==> flow/design.v <==
module core_selector_top (i_clk, reset, src_0_in, src_1_in, src_2_in, src_3_in, src_4_in, src_5_in, src_6_in, src_7_in, src_8_in, src_9_in, src_10_in, src_11_in, src_12_in, src_13_in, src_14_in, src_15_in, idx_in, result_out);
  parameter integer NBITS = 10;
  input i_clk;
  input reset;
  input [NBITS-1:0] src_0_in;
  input [NBITS-1:0] src_1_in;
  input [NBITS-1:0] src_2_in;
  input [NBITS-1:0] src_3_in;
  input [NBITS-1:0] src_4_in;
  input [NBITS-1:0] src_5_in;
  input [NBITS-1:0] src_6_in;
  input [NBITS-1:0] src_7_in;
  input [NBITS-1:0] src_8_in;
  input [NBITS-1:0] src_9_in;
  input [NBITS-1:0] src_10_in;
  input [NBITS-1:0] src_11_in;
  input [NBITS-1:0] src_12_in;
  input [NBITS-1:0] src_13_in;
  input [NBITS-1:0] src_14_in;
  input [NBITS-1:0] src_15_in;
  input [14:0] idx_in;
  output [NBITS-1:0] result_out;
  reg [NBITS-1:0] r_src_0;
  reg [NBITS-1:0] r_src_1;
  reg [NBITS-1:0] r_src_2;
  reg [NBITS-1:0] r_src_3;
  reg [NBITS-1:0] r_src_4;
  reg [NBITS-1:0] r_src_5;
  reg [NBITS-1:0] r_src_6;
  reg [NBITS-1:0] r_src_7;
  reg [NBITS-1:0] r_src_8;
  reg [NBITS-1:0] r_src_9;
  reg [NBITS-1:0] r_src_10;
  reg [NBITS-1:0] r_src_11;
  reg [NBITS-1:0] r_src_12;
  reg [NBITS-1:0] r_src_13;
  reg [NBITS-1:0] r_src_14;
  reg [NBITS-1:0] r_src_15;
  reg [14:0] r_idx;
  reg [NBITS-1:0] work;
  always @* begin
    casez (r_idx)
      15'b??????????????1: work = r_src_0;
      15'b?????????????10: work = r_src_1;
      15'b????????????100: work = r_src_2;
      15'b???????????1000: work = r_src_3;
      15'b??????????10000: work = r_src_4;
      15'b?????????100000: work = r_src_5;
      15'b????????1000000: work = r_src_6;
      15'b???????10000000: work = r_src_7;
      15'b??????100000000: work = r_src_8;
      15'b?????1000000000: work = r_src_9;
      15'b????10000000000: work = r_src_10;
      15'b???100000000000: work = r_src_11;
      15'b??1000000000000: work = r_src_12;
      15'b?10000000000000: work = r_src_13;
      15'b100000000000000: work = r_src_14;
      default: work = r_src_15;
    endcase
  end
  assign result_out = work;
  always @(posedge i_clk or posedge reset) begin
    if (reset) begin
      r_src_0 <= 0;
      r_src_1 <= 0;
      r_src_2 <= 0;
      r_src_3 <= 0;
      r_src_4 <= 0;
      r_src_5 <= 0;
      r_src_6 <= 0;
      r_src_7 <= 0;
      r_src_8 <= 0;
      r_src_9 <= 0;
      r_src_10 <= 0;
      r_src_11 <= 0;
      r_src_12 <= 0;
      r_src_13 <= 0;
      r_src_14 <= 0;
      r_src_15 <= 0;
      r_idx <= 0;
    end else begin
      r_src_0 <= src_0_in;
      r_src_1 <= src_1_in;
      r_src_2 <= src_2_in;
      r_src_3 <= src_3_in;
      r_src_4 <= src_4_in;
      r_src_5 <= src_5_in;
      r_src_6 <= src_6_in;
      r_src_7 <= src_7_in;
      r_src_8 <= src_8_in;
      r_src_9 <= src_9_in;
      r_src_10 <= src_10_in;
      r_src_11 <= src_11_in;
      r_src_12 <= src_12_in;
      r_src_13 <= src_13_in;
      r_src_14 <= src_14_in;
      r_src_15 <= src_15_in;
      r_idx <= idx_in;
    end
  end
endmodule
## Reports on core_selector_top

What the tools print for core_selector_top, step after step.
Lines are those of the file above, counted from 1.
Library cell names are shortened.
Not given: n/a

| set-up | value |
|---|---|
| top module | core_selector_top |
| clock | i_clk |
| cell library | sky130hd |
| corner | tt_025C_1v80 |

## Word level

Yosys after proc, flatten, opt, wreduce and memory -nomap, before mapping. Enables and synchronous resets that opt folds into registers are not counted as muxes. Memory bits, and registers merged into a memory's read port (data or address), are not among the register bits. Print and check cells are not counted. Equal cells are merged and count once.

| storage and ports | value |
|---|---|
| output and inout port bits | 10 |
| register bits after elaboration | 175 |

| cells by class | value |
|---|---|
| mux-type cells | 1 |
| equality and inequality tests | 14 |

Operators with widths:

| cell | count |
|---|---|
| case mux 10 bit (select 15 bit) | 1 |
| == test 15 bit with constant B | 1 |
| == test 14 bit with constant B | 1 |
| == test 13 bit with constant B | 1 |
| == test 12 bit with constant B | 1 |
| == test 11 bit with constant B | 1 |
| == test 10 bit with constant B | 1 |
| == test 9 bit with constant B | 1 |
| == test 8 bit with constant B | 1 |
| == test 7 bit with constant B | 1 |
| == test 6 bit with constant B | 1 |
| == test 5 bit with constant B | 1 |
| == test 4 bit with constant B | 1 |
| == test 3 bit with constant B | 1 |
| == test 2 bit with constant B | 1 |

## Logic depth

Yosys ltp: most cells in a row. Word level: on the elaborated netlist, between registers, memories and ports. Mapped: between sequential cells and ports; inverters and the memories' decode and read muxes count.

| logic depth | value |
|---|---|
| word-level depth | 2 |
| ABC_AREA | 0 |
| mapped depth | 6 |

## After synthesis

The flow's flattened synthesis, as Yosys stat reports it; memories are mapped. The netlist is that of the ABC_AREA named above (0 if unset); the other value can give another one.

| synthesis totals | value |
|---|---|
| buffer cells | 27 |
| mapped flip-flops | 175 |
| cells in the netlist | 420 |
| synthesis area | 5,990.7 µm² |

Cell types:

| cell type | count | total area (µm²) |
|---|---|---|
| dfrtp_1 | 175 | 4,379.2 |
| nand3b_1 | 32 | 240.23 |
| a21oi_1 | 27 | 135.13 |
| nand2_1 | 31 | 116.362 |
| o32a_2 | 8 | 90.086 |
| clkbuf_1 | 23 | 86.333 |
| a221o_1 | 8 | 80.077 |
| a32o_1 | 8 | 80.077 |
| o211a_1 | 8 | 80.077 |
| a211o_1 | 8 | 70.067 |
| nor3b_1 | 9 | 67.565 |
| nor2b_1 | 10 | 62.56 |
| a21o_1 | 8 | 60.058 |
| o31ai_1 | 8 | 60.058 |
| a31oi_1 | 9 | 56.304 |
| inv_1 | 12 | 45.043 |
| o41a_1 | 2 | 22.522 |
| or4_4 | 2 | 22.522 |

Not listed: further types 22, cells in them 32.

## Path before layout

Source: OpenSTA report_checks on the synthesized netlist (no wires, ideal clock, input and output delay 20% of the period each), path of least setup slack; recovery checks are left aside. Register names are those of the netlist, which keeps one name where synthesis merged equal registers.

| path after synthesis | value |
|---|---|
| path type | reg2out |
| start | reg r_idx[0] |
| end | out result_out[0] |
| stages on the path | 7 |
| buffers on the path | 2 |
| clock period | 3.27 ns |
| data required time | 2.616 ns |
| output delay | 0.654 ns |
| path delay | 2.092 ns |
| arrival time | 2.092 ns |
| slack | 0.524 ns |
| synthesis period reached | 2.746 ns |

"path delay" = arrival - input delay + setup time.
A path that ends at an output port has no setup time.
"stages on the path" counts driving pins, that of a launching flip-flop among them; a cell with two outputs on the path counts twice.
"synthesis period reached" is the clock period less the worst setup slack; recovery checks do not enter. This is arithmetic on one report: input and output delays are still those of the set period (20% each).
Between the ends stands the longest chain of elaborated cells between them, by number of cells; it is not shown to be the way that was timed. Of several equally long chains one is given.
Each line given opens the expression or statement behind the cell; cells for indexed reads and writes are added by Yosys, which also makes memories of some case tables.

| on the way, after synthesis | value |
|---|---|
| cells stage by stage | dfrtp_1 clkbuf_2 or4_4 or3_1 or4_1 buf_6 o32a_2 |
| cells in the longest elaborated chain | 2 |
| elaborated cells on any way between the ends | 15 |
| source lines of those cells | 1 |
| those cells by class | 14 x eq/ne; 1 x mux |

Ends and longest elaborated chain, after synthesis:

| what | RTL line | text |
|---|---|---|
| start, declared | 39 | `reg [14:0] r_idx;` |
| start, assigned | 80 | `r_idx <= 0;` |
| start, assigned | 98 | `r_idx <= idx_in;` |
| == test 15 bit | 42 | `casez (r_idx)` |
| case mux 10 bit (select 15 bit) | 42 |  |
| end, declared | 22 | `output [NBITS-1:0] result_out;` |

## Worst path after layout

Path of least setup slack in the final report of job 1 (OpenROAD, finished layout, wires in). Where an end is a register, its clock arrival counts in the times.

| path after layout | value |
|---|---|
| path type | reg2out |
| start | reg r_idx[5] |
| end | out result_out[1] |
| slack | -0.06 ns |
| output delay | 0.65 ns |
| stages on the path | 7 |
| buffers on the path | 2 |
| arrival time | 2.68 ns |
| data required time | 2.62 ns |
| clock period | 3.27 ns |

Between the ends stands the longest chain of elaborated cells between them, by number of cells; it is not shown to be the way that was timed. Of several equally long chains one is given.

| on the way, after layout | value |
|---|---|
| cells stage by stage | dfrtp_1 or4_4 or3_4 or4_4 buf_8 o32a_2 buf_6 |
| cells in the longest elaborated chain | 2 |
| elaborated cells on any way between the ends | 11 |
| source lines of those cells | 1 |
| those cells by class | 10 x eq/ne; 1 x mux |

Ends and longest elaborated chain, after layout:

| what | RTL line | text |
|---|---|---|
| start, declared | 39 | `reg [14:0] r_idx;` |
| start, assigned | 80 | `r_idx <= 0;` |
| start, assigned | 98 | `r_idx <= idx_in;` |
| == test 15 bit | 42 | `casez (r_idx)` |
| case mux 10 bit (select 15 bit) | 42 |  |
| end, declared | 22 | `output [NBITS-1:0] result_out;` |

Appendix: measured runs

Settings and measured results of 3 stored flow runs for module core_selector_top (sky130hd), not sorted in any way. The constraints put input and output delay at 20% of the set period each and load the outputs with 0.01 pF.
"reached clock period" means the clock period less the worst setup slack. The figure is calculated, with input and output delays left at 20% of the set period.
By "critical path time" is meant the share of the clock period that the worst setup path is allowed (20% is reserved at inputs, 20% at outputs), minus its slack. Clock arrival times at its registers enter into it.
By "total power of the final layout" is meant OpenSTA's value without simulated activity: inputs other than the clock are taken to toggle once in ten clock periods, and the tool carries that through the logic.

#### Job 1

| setting | value |
|---|---|
| period_ns | `3.27` |
| CAP_MARGIN | `20` |
| CORE_MARGIN | `2` |
| CORE_UTILIZATION | `40` |
| SLEW_MARGIN | `20` |

| result | value |
|---|---|
| worst hold slack in the final report | 0.667 ns |
| reached clock period | 3.334 ns |
| final setup TNS | -0.492 ns |
| worst setup slack after layout | -0.064 ns |
| synthesized cell area | 5,990.7 µm² |
| total die area | 15,971.9 µm² |
| critical path time | 2.68 ns |
| critical path type | reg2out |
| total power of the final layout | 4,796 uW |
| standard-cell area after layout | 8,812.2 µm² |

#### Job 2

| setting | value |
|---|---|
| period_ns | `4.11` |
| CORE_UTILIZATION | `58` |
| SETUP_SLACK_MARGIN | `0.43` |
| PLACE_DENSITY_LB_ADDON | `0.25` |
| CELL_PAD_IN_SITES_GLOBAL_PLACEMENT | `2` |
| TNS_END_PERCENT | `90` |
| GPL_ROUTABILITY_DRIVEN | `1` |
| CTS_CLUSTER_SIZE | `81` |
| CTS_CLUSTER_DIAMETER | `322` |
| MIN_ROUTING_LAYER | `met2` |
| CAP_MARGIN | `20` |
| CORE_MARGIN | `2` |
| SLEW_MARGIN | `20` |

No final report: placement broke off with FLW-0024.

#### Job 3

| setting | value |
|---|---|
| period_ns | `1.81` |
| CORE_UTILIZATION | `36` |
| SETUP_SLACK_MARGIN | `0.05` |
| PLACE_DENSITY | `0.74` |
| CORE_MARGIN | `10` |
| CELL_PAD_IN_SITES_GLOBAL_PLACEMENT | `2` |
| TNS_END_PERCENT | `85` |
| GPL_TIMING_DRIVEN | `0` |
| GPL_ROUTABILITY_DRIVEN | `0` |
| CTS_CLUSTER_SIZE | `78` |
| CTS_CLUSTER_DIAMETER | `251` |
| SLEW_MARGIN | `20` |
| MIN_ROUTING_LAYER | `met1` |
| CAP_MARGIN | `20` |

| result | value |
|---|---|
| worst hold slack in the final report | 0.371 ns |
| reached clock period | 3.070 ns |
| final setup TNS | -12.528 ns |
| worst setup slack after layout | -1.260 ns |
| synthesized cell area | 5,990.7 µm² |
| total die area | 22,201.0 µm² |
| critical path time | 2.71 ns |
| critical path type | reg2out |
| total power of the final layout | 8,783 uW |
| standard-cell area after layout | 8,977.4 µm² |
